==> flow/design.v <==
module alu_addsub #(
    parameter integer WD = 36
) (
    input logic clk_i,
    input logic nrst,
    input logic [WD-1:0] arg0_in,
    input logic sub_in,
    input logic clear_in,
    output logic [WD-1:0] result_out
);
    logic [WD-1:0] cnt;
    always_ff @(posedge clk_i or negedge nrst) begin
        if (~nrst) begin
            cnt <= '0;
        end else begin
            cnt <= clear_in ? arg0_in : sub_in ? cnt - arg0_in : cnt + arg0_in;
        end
    end
    assign result_out = cnt;
endmodule
# From RTL to reports: alu_addsub
# Tool output for the design above, in the order of the flow.
# Lines are those of the file above, counted from 1.
# Library cell names are shortened.
# A cell with n/a has no value.
[setup]
top_module = "alu_addsub"
clock_port = "clk_i"
library = "sky130hd"
corner = "tt_025C_1v80"

# Word level
# Yosys after proc, flatten, opt, wreduce and memory -nomap, before mapping. Enables and synchronous resets that opt folds into registers are not counted as muxes. Memory bits, and registers merged into a memory's read port (data or address), are not among the register bits. Print and check cells are not counted. Equal cells are merged and count once.
[word_totals]
word_cells = 5
output_inout_bits = 36
regBits = 36
input_bits = 40
[op_classes]
n_mux = 2
n_addsub = 2
[op_table]
columns = ["op", "n"]
rows = [
  ["2-to-1 mux 36 bit", 2],
  ["adder 36 bit", 1],
  ["subtractor 36 bit", 1],
]

# Longest topological paths
# Depth = most cells in a row (Yosys ltp): at word level without a register or memory, in the mapped netlist without a sequential cell, where the memories' decode and read muxes count.
[logic_depth]
word_depth = 3
ABC_AREA = 0
depth_mapped = 19
mapped_depth_nobuf = 19

# After synthesis
# Yosys stat after the flow's synthesis: flattened, memories mapped to cells. It holds for the ABC_AREA given above (unset counts as 0); a run with the other value may have another netlist.
# The area totals of this step are shown rounded.
[mapped]
area_um2 = 3879
buf_cells = 15
sequential_area_um2 = 900.9
ff_cells = 36
cells = 510
[types]
columns = ["cell_type", "n", "area_total_um2"]
rows = [
  ["dfrtp_1", 36, 900.864],
  ["ha_1", 36, 450.432],
  ["xnor2_1", 42, 367.853],
  ["a21oi_1", 61, 305.293],
  ["nand2_1", 64, 240.23],
  ["o21ai_0", 46, 230.221],
  ["nor2_1", 51, 191.434],
  ["xor2_1", 17, 148.893],
  ["inv_1", 19, 71.318],
  ["a21o_1", 9, 67.565],
  ["o21bai_1", 8, 60.058],
  ["clkbuf_1", 15, 56.304],
  ["nor3_1", 11, 55.053],
  ["nand3_1", 10, 50.048],
  ["a31oi_1", 7, 43.792],
  ["o31ai_1", 5, 37.536],
  ["and3_1", 5, 31.28],
  ["nor4_1", 5, 31.28],
]
# Not listed: further types 36, cells in them 63.

# Worst setup path after synthesis
# Path of least setup slack by OpenSTA after synthesis, without wires, with an ideal clock, recovery checks aside; 20% of the period is set as input and as output delay. Where synthesis merged equal registers, the netlist keeps one of their names.
[synth_timing]
path_kind = "in2reg"
startpoint = "in arg0_in[5]"
endpoint = "reg cnt[33]"
path_slack_ns = 0.947
input_delay_ns = 1.188
path_buffers = 0
setup_time_ns = 0.145
t_arrival_ns = 4.847
path_stages = 15
t_required_ns = 5.795
launch_ns = 1.188
period_ns = 5.94
path_delay_ns = 3.804
period_less_setup_slack_ns = 4.993
# "path_delay_ns" = arrival - input delay + setup time.
# "path_stages": output pins that drive a net of the path, with the launching flip-flop's if there is one; two outputs of one cell count as two.
# "period_less_setup_slack_ns" = period - worst setup slack (recovery checks aside). The figure is calculated, with input and output delays left at 20% of the set period.
# Between the ends stands the longest chain of elaborated cells between them, by number of cells; it is not shown to be the way that was timed. Of several equally long chains one is given.
# A line is the first line of the expression or statement that the cell stems from. Yosys adds cells for indexed reads and writes and turns some case tables into memories.
[synth_via]
cell_sequence = "or3_1 > nor4_1 > nor3b_2 > nor3b_1 > nand2_1 > nor3_1 > nor2_1 > xnor2_1 > ha_1 > and3_1 > nand2_1 > a2111oi_0 > nor3_1 > a2111oi_0 > a221oi_1"
elab_chain_cells = 3
cells_between = 4
cone_lines = 1
classes_between = "add/sub: 2; mux: 2"
[synth_lines]
columns = ["element", "line_no", "source"]
rows = [
  ["start: declaration", 6, "input logic [WD-1:0] arg0_in,"],
  ["adder 36 bit", 16, "cnt <= clear_in ? arg0_in : sub_in ? cnt - arg0_in : cnt + arg0_in;"],
  ["2-to-1 mux 36 bit x2", 16, ""],
  ["end: assignment", 14, "cnt <= '0;"],
  ["end: assignment", 16, ""],
  ["end: declaration", 11, "logic [WD-1:0] cnt;"],
]

# Path in the finished layout
# From the final timing report of stored run 1: the path of least setup slack in the routed layout; clock arrival at registers is part of the times.
[layout_timing]
path_kind = "in2reg"
startpoint = "in arg0_in[5]"
endpoint = "reg cnt[33]"
path_stages = 18
t_required_ns = 6.91
launch_ns = 1.35
period_ns = 6.76
input_delay_ns = 1.35
setup_time_ns = 0.15
t_arrival_ns = 6.05
path_slack_ns = 0.86
path_buffers = 3
# Between the ends stands the longest chain of elaborated cells between them, by number of cells; it is not shown to be the way that was timed. Of several equally long chains one is given.
[layout_via]
cell_sequence = "clkdlybuf4s50_1 > or3_1 > nor4_1 > buf_4 > nor3b_2 > nor3b_1 > buf_4 > nand2_1 > nor3_1 > nor2_1 > xnor2_1 > ha_1 > and3_1 > nand2_1 > a2111oi_0 > nor3_1 > a2111oi_0 > a221oi_1"
elab_chain_cells = 3
cells_between = 4
cone_lines = 1
classes_between = "add/sub: 2; mux: 2"
[layout_lines]
columns = ["element", "line_no", "source"]
rows = [
  ["start: declaration", 6, "input logic [WD-1:0] arg0_in,"],
  ["adder 36 bit", 16, "cnt <= clear_in ? arg0_in : sub_in ? cnt - arg0_in : cnt + arg0_in;"],
  ["2-to-1 mux 36 bit x2", 16, ""],
  ["end: assignment", 14, "cnt <= '0;"],
  ["end: assignment", 16, ""],
  ["end: declaration", 11, "logic [WD-1:0] cnt;"],
]

Ticket comment

Module alu_addsub, platform sky130hd: 3 stored runs of the flow (Yosys, OpenROAD) with differing settings, in no particular order. Input and output delays are each 20% of the period that was set; the output load is 0.01 pF.
"achieved_clock_period_ns" is the run's clock period less its worst setup slack. It is reckoned from that one timing run; input and output delays stay at 20% of the period that was set.
By "worst_path_time_ns" is meant the share of the clock period that the worst setup path is allowed (20% is reserved at inputs, 20% at outputs), minus its slack. Clock arrival times at its registers enter into it.
By "fin_power_uw" is meant OpenSTA's value without simulated activity: inputs other than the clock are taken to toggle once in ten clock periods, and the tool carries that through the logic.
The results are shown rounded.

# stored run 1
==> flow/run.sh <==
#!/bin/bash
# the make line also repeats the synthesis and layout settings of config.mk as NAME=value (left out here)
make -C /OpenROAD-flow-scripts/flow DESIGN_CONFIG=/design/flow/config.mk WORK_HOME=/design/flow/orfs CLKGATE_MAP_FILE= finish
==> flow/config.mk <==
export PLATFORM = sky130hd
export DESIGN_NAME = alu_addsub
export DESIGN_NICKNAME = alu_addsub
export VERILOG_FILES = /design/flow/design.v
export SDC_FILE = /design/flow/constraint.sdc
export NUM_CORES = 4
export LEC_CHECK = 0
export CAP_MARGIN = 20
export CELL_PAD_IN_SITES_DETAIL_PLACEMENT = 1
export CELL_PAD_IN_SITES_GLOBAL_PLACEMENT = 2
export CORE_MARGIN = 2
export CORE_UTILIZATION = 15
export CTS_CLUSTER_SIZE = 75
export GPL_ROUTABILITY_DRIVEN = 1
export GPL_TIMING_DRIVEN = 1
export PLACE_DENSITY_LB_ADDON = 0.0
export SETUP_SLACK_MARGIN = -0.5
export SLEW_MARGIN = 35
export TNS_END_PERCENT = 25
==> flow/constraint.sdc <==
create_clock -name core_clock -period 6.76 [get_ports {clk_i}]
set_input_delay 1.3520 -clock core_clock [delete_from_list [all_inputs] [get_ports {clk_i}]]
set_output_delay 1.3520 -clock core_clock [all_outputs]
set_load 0.01 [all_outputs]

==> stored run 1: results <==
finish.stdcell_area_um2=5220
worst_path_time_ns=4.55
critical_path_kind="in2reg"
fin_power_uw=2144
achieved_clock_period_ns=5.898
die_footprint_um2=27160
ws_setup_ns=0.862
synth_chip_area_um2=3879

# stored run 2
==> flow/run.sh <==
#!/bin/bash
# the make line also repeats the synthesis and layout settings of config.mk as NAME=value (left out here)
make -C /OpenROAD-flow-scripts/flow DESIGN_CONFIG=/design/flow/config.mk WORK_HOME=/design/flow/orfs CLKGATE_MAP_FILE= finish
==> flow/config.mk <==
export PLATFORM = sky130hd
export DESIGN_NAME = alu_addsub
export DESIGN_NICKNAME = alu_addsub
export VERILOG_FILES = /design/flow/design.v
export SDC_FILE = /design/flow/constraint.sdc
export NUM_CORES = 4
export LEC_CHECK = 0
export CAP_MARGIN = 20
export CORE_MARGIN = 2
export CORE_UTILIZATION = 40
export SLEW_MARGIN = 20
==> flow/constraint.sdc <==
create_clock -name core_clock -period 5.94 [get_ports {clk_i}]
set_input_delay 1.1880 -clock core_clock [delete_from_list [all_inputs] [get_ports {clk_i}]]
set_output_delay 1.1880 -clock core_clock [all_outputs]
set_load 0.01 [all_outputs]

==> stored run 2: results <==
finish.stdcell_area_um2=4878
worst_path_time_ns=4.28
critical_path_kind="in2reg"
fin_power_uw=2232
achieved_clock_period_ns=5.468
die_footprint_um2=10500
ws_setup_ns=0.472
synth_chip_area_um2=3879

# stored run 3
==> flow/run.sh <==
#!/bin/bash
# the make line also repeats the synthesis and layout settings of config.mk as NAME=value (left out here)
make -C /OpenROAD-flow-scripts/flow DESIGN_CONFIG=/design/flow/config.mk WORK_HOME=/design/flow/orfs CLKGATE_MAP_FILE= finish
==> flow/config.mk <==
export PLATFORM = sky130hd
export DESIGN_NAME = alu_addsub
export DESIGN_NICKNAME = alu_addsub
export VERILOG_FILES = /design/flow/design.v
export SDC_FILE = /design/flow/constraint.sdc
export NUM_CORES = 4
export LEC_CHECK = 0
export ABC_AREA = 0
export CAP_MARGIN = 20
export CORE_ASPECT_RATIO = 1.91
export CORE_MARGIN = 2
export CORE_UTILIZATION = 24
export PLACE_DENSITY_LB_ADDON = 0.28
export SLEW_MARGIN = 20
==> flow/constraint.sdc <==
create_clock -name core_clock -period 4.49 [get_ports {clk_i}]
set_input_delay 0.8980 -clock core_clock [delete_from_list [all_inputs] [get_ports {clk_i}]]
set_output_delay 0.8980 -clock core_clock [all_outputs]
set_load 0.01 [all_outputs]

==> stored run 3: results <==
finish.stdcell_area_um2=6345
worst_path_time_ns=3.51
critical_path_kind="in2reg"
fin_power_uw=4000
achieved_clock_period_ns=4.407
die_footprint_um2=17250
ws_setup_ns=0.083
synth_chip_area_um2=3879
